==> flow/design.v <==
module mux #(
   parameter DATA_WIDTH = 64
) (
   input  wire aclk,
   input  wire en,
   input  wire [DATA_WIDTH-1:0] bus0,
   input  wire [DATA_WIDTH-1:0] bus1,
   input  wire [DATA_WIDTH-1:0] bus2,
   input  wire [DATA_WIDTH-1:0] bus3,
   input  wire [DATA_WIDTH-1:0] bus4,
   input  wire [DATA_WIDTH-1:0] bus5,
   input  wire [DATA_WIDTH-1:0] bus6,
   input  wire [DATA_WIDTH-1:0] bus7,
   input  wire [DATA_WIDTH-1:0] bus8,
   input  wire [DATA_WIDTH-1:0] bus9,
   input  wire [DATA_WIDTH-1:0] bus10,
   input  wire [DATA_WIDTH-1:0] bus11,
   input  wire [DATA_WIDTH-1:0] bus12,
   input  wire [DATA_WIDTH-1:0] bus13,
   input  wire [DATA_WIDTH-1:0] bus14,
   input  wire [DATA_WIDTH-1:0] bus15,
   input  wire [3:0] choose,
   output reg [DATA_WIDTH-1:0] data_out
);
   reg [DATA_WIDTH-1:0] bus0_s;
   reg [DATA_WIDTH-1:0] bus1_s;
   reg [DATA_WIDTH-1:0] bus2_s;
   reg [DATA_WIDTH-1:0] bus3_s;
   reg [DATA_WIDTH-1:0] bus4_s;
   reg [DATA_WIDTH-1:0] bus5_s;
   reg [DATA_WIDTH-1:0] bus6_s;
   reg [DATA_WIDTH-1:0] bus7_s;
   reg [DATA_WIDTH-1:0] bus8_s;
   reg [DATA_WIDTH-1:0] bus9_s;
   reg [DATA_WIDTH-1:0] bus10_s;
   reg [DATA_WIDTH-1:0] bus11_s;
   reg [DATA_WIDTH-1:0] bus12_s;
   reg [DATA_WIDTH-1:0] bus13_s;
   reg [DATA_WIDTH-1:0] bus14_s;
   reg [DATA_WIDTH-1:0] bus15_s;
   reg [3:0] choose_s;
   always @(posedge aclk) begin
      if (en) begin
         bus0_s <= bus0;
         bus1_s <= bus1;
         bus2_s <= bus2;
         bus3_s <= bus3;
         bus4_s <= bus4;
         bus5_s <= bus5;
         bus6_s <= bus6;
         bus7_s <= bus7;
         bus8_s <= bus8;
         bus9_s <= bus9;
         bus10_s <= bus10;
         bus11_s <= bus11;
         bus12_s <= bus12;
         bus13_s <= bus13;
         bus14_s <= bus14;
         bus15_s <= bus15;
         choose_s <= choose;
      end
   end
   reg [DATA_WIDTH-1:0] nxt;
   always @(*) begin
      if (choose_s == 0) nxt = bus0_s;
      else if (choose_s == 1) nxt = bus1_s;
      else if (choose_s == 2) nxt = bus2_s;
      else if (choose_s == 3) nxt = bus3_s;
      else if (choose_s == 4) nxt = bus4_s;
      else if (choose_s == 5) nxt = bus5_s;
      else if (choose_s == 6) nxt = bus6_s;
      else if (choose_s == 7) nxt = bus7_s;
      else if (choose_s == 8) nxt = bus8_s;
      else if (choose_s == 9) nxt = bus9_s;
      else if (choose_s == 10) nxt = bus10_s;
      else if (choose_s == 11) nxt = bus11_s;
      else if (choose_s == 12) nxt = bus12_s;
      else if (choose_s == 13) nxt = bus13_s;
      else if (choose_s == 14) nxt = bus14_s;
      else nxt = bus15_s;
   end
   always @(posedge aclk) begin
      if (en) begin
         data_out <= nxt;
      end
   end
endmodule
From RTL to reports: mux
The steps from the RTL of mux to its reports follow in flow order.
Line numbers count from 1 in the design file above.
Operators carry their Yosys type and port widths (W data, S select, Z words).
Library cell names are shortened.
A cell with -- has no value.

design
  top module = mux
  clock = aclk
  library = sky130hd
  library corner = tt_025C_1v80

Word level
Source: Yosys, flattened and elaborated, memories not mapped. Widths are those after wreduce; folded enables and synchronous resets count as part of the registers. Registers that Yosys merges into a memory's read port (data or address) are not register bits. Print and check cells do not count. Equal cells are merged and count once.

storage and ports
  register bits after elaboration = 1092
  input bits = 1030
  output and inout bits = 64
  word-level cells = 48

cells by class
  equal/unequal tests = 14
  mux-type cells = 15
  reduce/logical cells = 1

operators with widths
  operator              number
  $mux W64              15
  $eq A4 B4 Y1 const B  7
  $eq A4 B3 Y1 const B  4
  $eq A4 B2 Y1 const B  2
  $eq A4 B1 Y1 const B  1
  $logic_not A4 Y1      1

Logic depth
Longest topological path by Yosys (ltp), each cell counted once; first at word level (registers and memories cut), then after technology mapping (sequential cells cut; the memories' decode and read muxes count).

depth
  depth after elaboration = 16
  ABC_AREA = 0
  gate-level depth with buffers = 10
  depth with buffers taken out = 5

Mapped cells and area
Source: synth_stat.txt of the flow (Yosys; design flattened, memories mapped). It holds for the ABC_AREA given above (unset counts as 0); a run with the other value may have another netlist.

cells by type
  cell      number  total area (sq um)
  edfxtp_1  1092    3.28E+04
  mux4_2    41      923.386
  a21oi_1   178     890.854
  mux2i_1   88      880.845
  o22ai_1   124     775.744
  o21ai_0   129     645.619
  nand2_1   162     608.083
  nor2_1    134     502.982
  mux2_2    43      484.214
  buf_2     86      430.413
  a221oi_1  47      411.645
  buf_4     47      352.838
  o221ai_1  36      315.302
  a22oi_1   41      307.795
  clkbuf_1  78      292.781
  a211oi_1  38      285.274
  o22a_1    31      271.51
  nor3_1    53      265.254

Other cell types: 57; their cells: 490.

mapped netlist
  mapped cells = 2938
  synthesis area = 45044.5 sq um
  sequential area = 32791.4 sq um
  flip-flops = 1092
  buffer cells = 226

Timing after synthesis
OpenSTA on the mapped netlist: ideal clock, no wires. The path of least setup slack (recovery checks aside). Input and output delay are each 20% of the period. Register names are those of the netlist, which keeps one name where synthesis merged equal registers.

path post-synthesis
  path type = register -> register
  start point = register (no name shown)
  end point = register data_out[63]
  period = 2460 ps
  library setup time = 261 ps
  launch time at the first pin = 0 ps
  arrival time = 1703 ps
  data required time = 2199 ps
  path slack = 496 ps
  path delay = 1964 ps
  stages = 8
  path buffers = 2
  synthesis period reached = 1964 ps

"path delay" is the arrival time less input delay plus setup time.
"stages" counts driving pins, that of a launching flip-flop among them; a cell with two outputs on the path counts twice.
"synthesis period reached" = period - worst setup slack (recovery checks aside). The figure is calculated, with input and output delays left at 20% of the set period.
The rows between start and end are the longest chain of elaborated cells between them; the timing report does not say that the signal goes this way. Where chains are equally long, one stands for them.
A line is the first line of the expression or statement that the cell stems from. Yosys adds cells for indexed reads and writes and turns some case tables into memories.

on the way, post-synthesis
  path through = edfxtp_1 -> buf_4 -> buf_4 -> or3b_2 -> a21oi_1 -> o21ai_0 -> a32oi_1 -> o21ai_1
  length of the longest elaborated chain = 16
  elaborated cells between the ends (all ways) = 30
  source lines of those cells = 15
  classes of those cells = eq/ne: 14; mux: 15; reduce/logical: 1

RTL lines, path post-synthesis
  element         line  RTL
  from (decl)     41
  from (assign)   60
  $eq A4 B4 Y1    79
  $mux W64        79
  $mux W64        78
  $mux W64        77
  $mux W64        76
  $mux W64        75
  $mux W64        74
  [2 not listed]  --
  $mux W64        71
  $mux W64        70
  $mux W64        69
  $mux W64        68
  $mux W64        67
  $mux W64        66
  $mux W64        65
  to (assign)     84    data_out <= nxt;
  to (decl)       23    output reg [DATA_WIDTH-1:0] data_out

Path in the finished layout
From the final timing report of stored run 1: the path of least setup slack in the routed layout; clock arrival at registers is part of the times.
The path's times are printed in steps of 10 ps; the period is the one set.

path post-layout
  path type = register -> register
  start point = register (no name shown)
  end point = register data_out[46]
  period = 2460 ps
  library setup time = 260 ps
  launch time at the first pin = 710 ps
  arrival time = 2880 ps
  data required time = 2920 ps
  path slack = 30 ps
  stages = 6
  path buffers = 2

The rows between start and end are the longest chain of elaborated cells between them; the timing report does not say that the signal goes this way. Where chains are equally long, one stands for them.

on the way, post-layout
  path through = edfxtp_1 -> buf_12 -> buf_16 -> mux4_2 -> a22oi_2 -> o21ai_1
  length of the longest elaborated chain = 16
  elaborated cells between the ends (all ways) = 30
  source lines of those cells = 15
  classes of those cells = eq/ne: 14; mux: 15; reduce/logical: 1

RTL lines, path post-layout
  element         line  RTL
  from (decl)     41
  from (assign)   60
  $eq A4 B4 Y1    79
  $mux W64        79
  $mux W64        78
  $mux W64        77
  $mux W64        76
  $mux W64        75
  $mux W64        74
  [2 not listed]  --
  $mux W64        71
  $mux W64        70
  $mux W64        69
  $mux W64        68
  $mux W64        67
  $mux W64        66
  $mux W64        65
  to (assign)     84    data_out <= nxt;
  to (decl)       23    output reg [DATA_WIDTH-1:0] data_out

Settings and measured results of 3 stored flow runs for module mux (sky130hd), not sorted in any way. The constraints put input and output delay at 20% of the set period each and load the outputs with 0.01 pF.
"period reached" means the clock period less the worst setup slack. The figure is calculated, with input and output delays left at 20% of the set period.
By "worst setup path time" is meant the share of the clock period that the worst setup path is allowed (20% is reserved at inputs, 20% at outputs), minus its slack. Clock arrival times at its registers enter into it.
"total power after layout": no workload was simulated; the value follows from the tool's default switching activity.
"worst setup path time" is given in steps of 10 ps.
A setting shown as . is not set for that run.
Results: . = not shown.

name                                       stored run 1          stored run 2  stored run 3
period_ns                                  2.46                  3.62          2.82
CAP_MARGIN                                 20                    10            20
CORE_MARGIN                                2                     4             10
CORE_UTILIZATION                           40                    66            49
SLEW_MARGIN                                20                    20            20
PLACE_DENSITY_LB_ADDON                     .                     0.2           0.03
CELL_PAD_IN_SITES_DETAIL_PLACEMENT         .                     2             0
GPL_TIMING_DRIVEN                          .                     0             1
GPL_ROUTABILITY_DRIVEN                     .                     1             1
CTS_CLUSTER_SIZE                           .                     31            .
MAX_ROUTING_LAYER                          .                     met4          met4
MIN_ROUTING_LAYER                          .                     .             met1
chip area after synthesis (Yosys) (sq um)  45044.5               .             45044.5
die size (sq um)                           115311.0              .             104455.0
standard-cell area after layout (sq um)    63492.1               .             62212.2
utilization after layout (%)               56.7                  .             68.1
worst setup slack after layout (ps)        35                    .             141
summed negative setup slack (ps)           0                     .             0
smallest hold slack (ps)                   132                   .             330
total power after layout (mW)              47.700                .             42.241
period reached (ps)                        2425                  .             2679
worst setup path time (ps)                 2430                  .             2680
kind of the worst setup path               register -> register  .             register -> register

Stored run 2: incomplete, placement halted on PPL-0024
